==> flow/design.v <==
module sync_relation_stage #(
    parameter WIDTH = 32
) (
    input  logic clk,
    input  logic rst_n,
    input  logic [WIDTH-1:0] i_rs1,
    input  logic [WIDTH-1:0] i_rs2,
    output logic o_above,
    output logic o_a_eq_b
);
    logic [WIDTH-1:0] rs1_r;
    always_ff @(posedge clk or negedge rst_n) begin
        if (!rst_n) begin
            rs1_r <= 0;
        end else begin
            rs1_r <= i_rs1;
        end
    end
    logic [WIDTH-1:0] rs2_r;
    always_ff @(posedge clk or negedge rst_n) begin
        if (!rst_n) begin
            rs2_r <= 0;
        end else begin
            rs2_r <= i_rs2;
        end
    end
    localparam NBLK = WIDTH / 4;
    logic [NBLK:0] g;
    logic [NBLK:0] e;
    assign g[0] = 1'b0;
    assign e[0] = 1'b1;
    for (genvar gi = 0; gi < NBLK; gi++) begin : lane
        cmp4 unit (.a(rs1_r[4*gi +: 4]), .b(rs2_r[4*gi +: 4]), .gi(g[gi]), .ei(e[gi]), .go(g[gi+1]), .eo(e[gi+1]));
    end
    always_ff @(posedge clk or negedge rst_n) begin
        if (!rst_n) begin
            o_above <= 1'b0;
        end else begin
            o_above <= g[NBLK];
        end
    end
    always_ff @(posedge clk or negedge rst_n) begin
        if (!rst_n) begin
            o_a_eq_b <= 1'b0;
        end else begin
            o_a_eq_b <= e[NBLK];
        end
    end
endmodule
module cmp4 (
    input logic [3:0] a,
    input logic [3:0] b,
    input logic gi,
    input logic ei,
    output logic go,
    output logic eo
);
    assign go = (a > b) | ((a == b) & gi);
    assign eo = (a == b) & ei;
endmodule
Tool chain data of sync_relation_stage --
The steps from the RTL of sync_relation_stage to its reports follow in flow order. Lines are those of the file above, counted from 1. Operators: Yosys type, input widths -> output width; for muxes data width and select width s. Not given: --
Design: top module sync_relation_stage, clock port clk, library sky130hd, corner tt_025C_1v80

After elaboration --
Counts by Yosys on the flattened word-level netlist (proc, flatten, opt, wreduce; memories kept). Register bits leave out memories and registers merged into their read ports (data or address); mux counts leave out enables and synchronous resets folded into registers. Print and check cells are left out. Cells with the same type and inputs are merged into one.
Storage and ports: register bits 66, output and inout bits 2, elaborated cells 41, input port bits 66
Cells by class: order comparisons 8, bitwise operators 21, equal/unequal tests 8
Operators with widths (count):
- $gt 4x4->1 | 8
- $eq 4x4->1 | 8
- $and 1x1->1 | 14
- $or 1x1->1 | 7

Logic depth --
Longest topological path by Yosys (ltp), each cell counted once; first at word level (registers and memories cut), then after technology mapping (sequential cells cut; the memories' decode and read muxes count).
Logic depth: depth in word-level cells 15, ABC_AREA 0, gate-level depth with buffers 7, gate-level depth less buffers 7

Synthesis result --
Source: synth_stat.txt of the flow (Yosys; design flattened, memories mapped). It holds for the ABC_AREA given above (unset counts as 0); a run with the other value may have another netlist.
Cells by type:
- sky130_fd_sc_hd__dfrtp_1 | count 66, area in all 1.65E+03 µm²
- sky130_fd_sc_hd__ha_1 | count 32, area in all 400.384 µm²
- sky130_fd_sc_hd__inv_1 | count 33, area in all 123.869 µm²
- sky130_fd_sc_hd__and4_1 | count 4, area in all 35.034 µm²
- sky130_fd_sc_hd__nand4_1 | count 5, area in all 31.28 µm²
- sky130_fd_sc_hd__a21oi_1 | count 6, area in all 30.029 µm²
- sky130_fd_sc_hd__nor2b_1 | count 4, area in all 25.024 µm²
- sky130_fd_sc_hd__a211oi_1 | count 3, area in all 22.522 µm²
- sky130_fd_sc_hd__o211ai_1 | count 3, area in all 22.522 µm²
- sky130_fd_sc_hd__nand2b_1 | count 3, area in all 18.768 µm²
- sky130_fd_sc_hd__a2111oi_2 | count 1, area in all 15.014 µm²
- sky130_fd_sc_hd__a21o_1 | count 2, area in all 15.014 µm²
- sky130_fd_sc_hd__a221oi_2 | count 1, area in all 15.014 µm²
- sky130_fd_sc_hd__o21a_1 | count 2, area in all 15.014 µm²
- sky130_fd_sc_hd__o21ai_0 | count 3, area in all 15.014 µm²
- sky130_fd_sc_hd__o31ai_1 | count 2, area in all 15.014 µm²
- sky130_fd_sc_hd__and3_1 | count 2, area in all 12.512 µm²
- sky130_fd_sc_hd__a211o_1 | count 1, area in all 8.758 µm²
Other cell types: 7; their cells: 9.
Synthesis totals: flip-flops 66, cells in the netlist 182, sequential part of the area 1651.6 µm², buffers 0, synthesis area 2522.4 µm²
By module: a second synthesis without flattening, with its own total; a netlist apart from the flattened one above.
Second synthesis, totals: cells (unflattened synthesis) 196, area (unflattened synthesis) 2519.9 µm²
Rows give one instance, submodules left out.
Modules:
- sync_relation_stage | times used 1, seq. area 1651.6 µm², area 1659.1 µm², cells 68
- cmp4 | times used 8, seq. area 0.0 µm², area 107.6 µm², cells 16

Path before layout --
OpenSTA on the mapped netlist: ideal clock, no wires. The path of least setup slack (recovery checks aside). Input and output delay are each 20% of the period. Register names are those of the netlist, which keeps one name where synthesis merged equal registers.
Timing post-synthesis: path type flip-flop to flip-flop, start register rs2_r[14], end register o_above, data required time 1.984 ns, time at the first pin 0.000 ns, driving pins on the path 8, buffers on the path 0, data arrival time 1.557 ns, clock period 2.12 ns, path delay 1.693 ns, setup time 0.136 ns, path slack 0.427 ns, synthesis period reached 1.693 ns
"path delay" = arrival - input delay + setup time. "driving pins on the path": output pins that drive a net of the path, with the launching flip-flop's if there is one; two outputs of one cell count as two. "synthesis period reached" is the clock period less the worst setup slack; recovery checks do not enter. This is arithmetic on one report: input and output delays are still those of the set period (20% each). The rows between start and end are the longest chain of elaborated cells between them; the timing report does not say that the signal goes this way. Where chains are equally long, one stands for them. Each line given opens the expression or statement behind the cell; cells for indexed reads and writes are added by Yosys, which also makes memories of some case tables.
On the way, post-synthesis: cells stage by stage sky130_fd_sc_hd__dfrtp_1 sky130_fd_sc_hd__inv_1 sky130_fd_sc_hd__ha_1 sky130_fd_sc_hd__and3b_1 sky130_fd_sc_hd__a2111oi_2 sky130_fd_sc_hd__o21ai_1 sky130_fd_sc_hd__a221oi_2 sky130_fd_sc_hd__a22oi_1, cells in the longest elaborated chain 11, elaborated cells between the ends (all ways) 12, classes of those cells 1 x compare; 1 x eq/ne; 10 x logic
Ends and longest elaborated chain, post-synthesis:
- start, declared | line 19 | logic [WIDTH-1:0] rs2_r;
- start, assigned | line 22 | rs2_r <= 0;
- start, assigned | line 24 | rs2_r <= i_rs2;
- $eq 4x4->1 | line 58 | assign go = (a > b) | ((a == b) & gi);
- $and 1x1->1 | line 58
- $or 1x1->1 | line 58
- $and 1x1->1 | line 58
- $or 1x1->1 | line 58
- $and 1x1->1 | line 58
- $or 1x1->1 | line 58
- $and 1x1->1 | line 58
- $or 1x1->1 | line 58
- $and 1x1->1 | line 58
- $or 1x1->1 | line 58
- end, assigned | line 37 | o_above <= 1'b0;
- end, assigned | line 39 | o_above <= g[NBLK];
- end, declared | line 8 | output logic o_above,

Worst path after layout --
Path of least setup slack in the final report of record 1 (OpenROAD, finished layout, wires in). Where an end is a register, its clock arrival counts in the times.
Timing after layout: path type flip-flop to flip-flop, start register rs1_r[19], end register o_above, data arrival time 1.90 ns, clock period 1.7 ns, path slack -0.01 ns, time at the first pin 0.32 ns, data required time 1.89 ns, buffers on the path 1, setup time 0.13 ns, driving pins on the path 8
The rows between start and end are the longest chain of elaborated cells between them; the timing report does not say that the signal goes this way. Where chains are equally long, one stands for them.
On the way, after layout: cells stage by stage sky130_fd_sc_hd__dfrtp_1 sky130_fd_sc_hd__ha_4 sky130_fd_sc_hd__and3_4 sky130_fd_sc_hd__buf_4 sky130_fd_sc_hd__and3_1 sky130_fd_sc_hd__o21ai_1 sky130_fd_sc_hd__a221oi_2 sky130_fd_sc_hd__a22oi_1, cells in the longest elaborated chain 9, elaborated cells between the ends (all ways) 10, classes of those cells 1 x compare; 1 x eq/ne; 8 x logic
Ends and longest elaborated chain, after layout:
- start, declared | line 11 | logic [WIDTH-1:0] rs1_r;
- start, assigned | line 14 | rs1_r <= 0;
- start, assigned | line 16 | rs1_r <= i_rs1;
- $eq 4x4->1 | line 58 | assign go = (a > b) | ((a == b) & gi);
- $and 1x1->1 | line 58
- $or 1x1->1 | line 58
- $and 1x1->1 | line 58
- $or 1x1->1 | line 58
- $and 1x1->1 | line 58
- $or 1x1->1 | line 58
- $and 1x1->1 | line 58
- $or 1x1->1 | line 58
- end, assigned | line 37 | o_above <= 1'b0;
- end, assigned | line 39 | o_above <= g[NBLK];
- end, declared | line 8 | output logic o_above,

Subject: flow runs of sync_relation_stage

Hi,

Measured results for sync_relation_stage: 3 stored runs of the Yosys and OpenROAD flow on sky130hd. The settings differ; the order carries no meaning. The constraints put input and output delay at 20% of the set period each and load the outputs with 0.01 pF.
"achieved clock period" means the clock period less the worst setup slack. The figure is calculated, with input and output delays left at 20% of the set period.

[record 1] flow files
==> flow/run.sh <==
#!/bin/bash
# the make line also repeats the synthesis and layout settings of config.mk as NAME=value (left out here)
make -C /OpenROAD-flow-scripts/flow DESIGN_CONFIG=/design/flow/config.mk WORK_HOME=/design/flow/orfs CLKGATE_MAP_FILE= finish
==> flow/config.mk <==
export PLATFORM = sky130hd
export DESIGN_NAME = sync_relation_stage
export DESIGN_NICKNAME = sync_relation_stage
export VERILOG_FILES = /design/flow/design.v
export SDC_FILE = /design/flow/constraint.sdc
export NUM_CORES = 4
export LEC_CHECK = 0
export CAP_MARGIN = 20
export CELL_PAD_IN_SITES_GLOBAL_PLACEMENT = 2
export CORE_MARGIN = 2
export CORE_UTILIZATION = 34
export CTS_CLUSTER_DIAMETER = 45
export MIN_ROUTING_LAYER = met1
export PLACE_DENSITY_LB_ADDON = 0.15
export SETUP_SLACK_MARGIN = -0.11
export SLEW_MARGIN = 5
==> flow/constraint.sdc <==
create_clock -name core_clock -period 1.7 [get_ports {clk}]
set_input_delay 0.3400 -clock core_clock [delete_from_list [all_inputs] [get_ports {clk}]]
set_output_delay 0.3400 -clock core_clock [all_outputs]
set_load 0.01 [all_outputs]

[record 1] result: chip area after synthesis (Yosys) 2,522.4 µm²; die size 8,123.4 µm²; area of the standard cells in the finished layout 3,602.2 µm²; worst setup slack after layout -0.006 ns; setup total negative slack -0.006 ns; achieved clock period 1.706 ns

[record 2] flow files
==> flow/run.sh <==
#!/bin/bash
# the make line also repeats the synthesis and layout settings of config.mk as NAME=value (left out here)
make -C /OpenROAD-flow-scripts/flow DESIGN_CONFIG=/design/flow/config.mk WORK_HOME=/design/flow/orfs CLKGATE_MAP_FILE= finish
==> flow/config.mk <==
export PLATFORM = sky130hd
export DESIGN_NAME = sync_relation_stage
export DESIGN_NICKNAME = sync_relation_stage
export VERILOG_FILES = /design/flow/design.v
export SDC_FILE = /design/flow/constraint.sdc
export NUM_CORES = 4
export LEC_CHECK = 0
export CAP_MARGIN = 20
export CORE_MARGIN = 2
export CORE_UTILIZATION = 40
export SLEW_MARGIN = 20
==> flow/constraint.sdc <==
create_clock -name core_clock -period 2.12 [get_ports {clk}]
set_input_delay 0.4240 -clock core_clock [delete_from_list [all_inputs] [get_ports {clk}]]
set_output_delay 0.4240 -clock core_clock [all_outputs]
set_load 0.01 [all_outputs]

[record 2] result: chip area after synthesis (Yosys) 2,522.4 µm²; die size 6,957.2 µm²; area of the standard cells in the finished layout 3,487.1 µm²; worst setup slack after layout 0.271 ns; setup total negative slack 0.000 ns; achieved clock period 1.849 ns

[record 3] flow files
==> flow/run.sh <==
#!/bin/bash
# the make line also repeats the synthesis and layout settings of config.mk as NAME=value (left out here)
make -C /OpenROAD-flow-scripts/flow DESIGN_CONFIG=/design/flow/config.mk WORK_HOME=/design/flow/orfs CLKGATE_MAP_FILE= finish
==> flow/config.mk <==
export PLATFORM = sky130hd
export DESIGN_NAME = sync_relation_stage
export DESIGN_NICKNAME = sync_relation_stage
export VERILOG_FILES = /design/flow/design.v
export SDC_FILE = /design/flow/constraint.sdc
export NUM_CORES = 4
export LEC_CHECK = 0
export CAP_MARGIN = 20
export CELL_PAD_IN_SITES_DETAIL_PLACEMENT = 0
export CELL_PAD_IN_SITES_GLOBAL_PLACEMENT = 2
export CORE_MARGIN = 2
export CORE_UTILIZATION = 33
export MIN_ROUTING_LAYER = met1
export PLACE_DENSITY_LB_ADDON = 0.27
export SLEW_MARGIN = 15
export TNS_END_PERCENT = 25
==> flow/constraint.sdc <==
create_clock -name core_clock -period 3.19 [get_ports {clk}]
set_input_delay 0.6380 -clock core_clock [delete_from_list [all_inputs] [get_ports {clk}]]
set_output_delay 0.6380 -clock core_clock [all_outputs]
set_load 0.01 [all_outputs]

[record 3] result: chip area after synthesis (Yosys) 2,522.4 µm²; die size 8,359.4 µm²; area of the standard cells in the finished layout 3,514.6 µm²; worst setup slack after layout 1.306 ns; setup total negative slack 0.000 ns; achieved clock period 1.884 ns

Regards
